==> flow/design.v <==
module alu_rf (clk, we_in, write_addr_in, din_in, raddr0_in, raddr1_in, rdata0_out, rdata1_out);
    parameter ENTRIES = 4;
    parameter DW = 20;
    localparam ADDR_WIDTH = $clog2(ENTRIES);
    input clk;
    input we_in;
    input [ADDR_WIDTH-1:0] write_addr_in;
    input [DW-1:0] din_in;
    input [ADDR_WIDTH-1:0] raddr0_in;
    input [ADDR_WIDTH-1:0] raddr1_in;
    output [DW-1:0] rdata0_out;
    output [DW-1:0] rdata1_out;
    reg [DW-1:0] regs [0:ENTRIES-1];
    always @(posedge clk) begin
        if (we_in)
            regs[write_addr_in] <= din_in;
    end
    assign rdata0_out = (we_in && write_addr_in == raddr0_in) ? din_in : regs[raddr0_in];
    assign rdata1_out = (we_in && write_addr_in == raddr1_in) ? din_in : regs[raddr1_in];
endmodule
* Tool chain data of alu_rf *
What the tools print for alu_rf, step after step.
Line numbers count from 1 in the design file above.
Operators: Yosys type, input widths -> output width; for muxes data width and select width s.
Cell names lack the library's common part.
A cell with n/a has no value.

design
  design top = alu_rf
  clock = clk
  library = sky130hd
  corner = tt_025C_1v80

* Elaborated design *
Source: Yosys, flattened and elaborated, memories not mapped. Widths are those after wreduce; folded enables and synchronous resets count as part of the registers. Registers that Yosys merges into a memory's read port (data or address) are not register bits. Print and check cells do not count. Equal cells are merged and count once.
Yosys's memory passes give these memory sizes; they may raise the number of words (mostly to a power of two), join words into wider ones and drop unused or constant bits.

storage and ports
  flip-flop bits (word level) = 0
  memory bits (writable) = 80
  memory cells = 1
  output and inout port bits = 40
  word-level cells = 10

operators by class
  equality and inequality tests = 2
  muxes and demuxes = 5
  reductions and logical operators = 2

memories
  name  words  bits a word  read ports  wr ports  line  source
  regs  4      20           2           1         13    reg [DW-1:0] regs [0:ENTRIES-1];

operator list
  kind               number
  $mux 20            3
  $eq 2x2->1         2
  $logic_and 1x1->1  2
  $mux 2             1
  $mux 1             1

* Longest topological paths *
Yosys ltp: most cells in a row. Word level: on the elaborated netlist, between registers, memories and ports. Mapped: between sequential cells and ports; inverters and the memories' decode and read muxes count.

logic depth
  word-level depth = 3
  ABC_AREA = 0
  gate-level depth with buffers = 4
  depth with buffers taken out = 3

* After synthesis *
Source: synth_stat.txt of the flow (Yosys; design flattened, memories mapped). It holds for the ABC_AREA given above (unset counts as 0); a run with the other value may have another netlist.
The area totals of this step are shown rounded.

cells by type
  cell      number  area in all (µm²)
  edfxtp_1  80      2.4E+03
  mux4_2    40      900.864
  mux2_4    40      600.576
  buf_6     4       45.043
  xnor2_1   4       35.034
  buf_4     4       30.029
  buf_1     4       15.014
  nand3_1   2       10.01
  and3b_1   1       8.758
  nor3b_1   1       7.507
  and3_1    1       6.256
  nand2_1   1       3.754
  nor2_1    1       3.754

synthesis totals
  cell count = 183
  synthesis area = 0.00407 mm²
  area of sequential cells = 0.0024 mm²
  flip-flops = 80
  buffer cells = 12

* Path before layout *
OpenSTA on the mapped netlist: ideal clock, no wires. The path of least setup slack (recovery checks aside). Input and output delay are each 20% of the period. Register names are those of the netlist, which keeps one name where synthesis merged equal registers.

path post-synthesis
  path type = input to register
  from = input port write_addr_in[0]
  to = memory regs[0][0]
  clock period = 3080 ps
  input delay = 616 ps
  library setup time = 427 ps
  arrival time = 2157 ps
  path slack = 496 ps
  path delay = 1968 ps
  stages = 1
  synthesis period reached = 2584 ps

"path delay" is the arrival time less input delay plus setup time.
"stages" counts driving pins, that of a launching flip-flop among them; a cell with two outputs on the path counts twice.
"synthesis period reached" = period - worst setup slack (recovery checks aside). The figure is calculated, with input and output delays left at 20% of the set period.
The rows between start and end are the longest chain of elaborated cells between them; the timing report does not say that the signal goes this way. Where chains are equally long, one stands for them.
A line is the first line of the expression or statement that the cell stems from. Yosys adds cells for indexed reads and writes and turns some case tables into memories.

on the way, post-synthesis
  cells stage by stage = nor3b_1
  length of the longest elaborated chain = 1

ends and longest elaborated chain, post-synthesis
  item             line  source
  start, declared  7     input [ADDR_WIDTH-1:0] write_addr_in;
  $mux 2           15    if (we_in)
  end, declared    13    reg [DW-1:0] regs [0:ENTRIES-1];

* Path in the finished layout *
From the final timing report of flow run A: the path of least setup slack in the routed layout; clock arrival at registers is part of the times.
The report prints the path's times to 10 ps; the period is as set.

path post-layout
  path type = input to output
  from = input port write_addr_in[1]
  to = output port rdata0_out[12]
  clock period = 4390 ps
  input delay = 880 ps
  external output delay = 880 ps
  arrival time = 3000 ps
  path slack = 510 ps
  stages = 6

The rows between start and end are the longest chain of elaborated cells between them; the timing report does not say that the signal goes this way. Where chains are equally long, one stands for them.

on the way, post-layout
  cells stage by stage = clkdlybuf4s50_1 xnor2_1 nand3_2 buf_4 mux2_4 clkdlybuf4s50_1
  length of the longest elaborated chain = 3

ends and longest elaborated chain, post-layout
  item               line  source
  start, declared    7     input [ADDR_WIDTH-1:0] write_addr_in;
  $eq 2x2->1         18    assign rdata0_out = (we_in && write_addr_in == raddr0_in) ? din_in : regs[raddr0_in];
  $logic_and 1x1->1  18
  $mux 20            18
  end, declared      11    output [DW-1:0] rdata0_out;

==> runs of alu_rf <==
Top module alu_rf; platform sky130hd; tools Yosys and OpenROAD; 3 stored runs in no particular order. Input and output delays are each 20% of the period that was set; the output load is 0.01 pF.
By "achieved period" is meant the clock period of the run minus its worst setup slack. This is arithmetic on one report: input and output delays are still those of the set period (20% each).
"time on the worst setup path" = time allowed to the worst setup path (clock period - input delay - output delay, where it has them) - its slack; a late launch clock adds to it, a late capture clock takes from it.
"power" rests on the timing tool's default activity at the inputs, not on a simulated workload.
"time on the worst setup path" is given in steps of 10 ps.
The results are shown rounded.
Settings: - = not set for that run.

setting or result                                        flow run A       flow run B       flow run C
period_ns                                                4.39             3.08             4.82
CORE_UTILIZATION                                         19               40               54
PLACE_DENSITY                                            0.46             -                -
CORE_ASPECT_RATIO                                        0.78             -                -
CELL_PAD_IN_SITES_GLOBAL_PLACEMENT                       3                -                -
CTS_CLUSTER_DIAMETER                                     277              -                91
MIN_ROUTING_LAYER                                        met1             -                met1
MAX_ROUTING_LAYER                                        met5             -                met5
CAP_MARGIN                                               20               20               10
CORE_MARGIN                                              2                2                10
SLEW_MARGIN                                              20               20               30
TNS_END_PERCENT                                          -                -                60
worst setup slack after layout (ps)                      512              74               765
worst hold slack after layout (ps)                       1230             968              1300
power (mW)                                               2.00             2.61             1.67
achieved period (ps)                                     3878             3006             4055
total die area (mm²)                                     0.0226           0.011            0.0114
time on the worst setup path (ps)                        2120             1770             2130
worst setup path kind                                    input to output  input to output  input to output
utilization after layout                                 0.255            0.543            0.693
mapped cell area after synthesis (mm²)                   0.00407          0.00407          0.00407
post-route setup TNS (ps)                                0                0                0
area of the standard cells in the finished layout (mm²)  0.00538          0.00534          0.00505
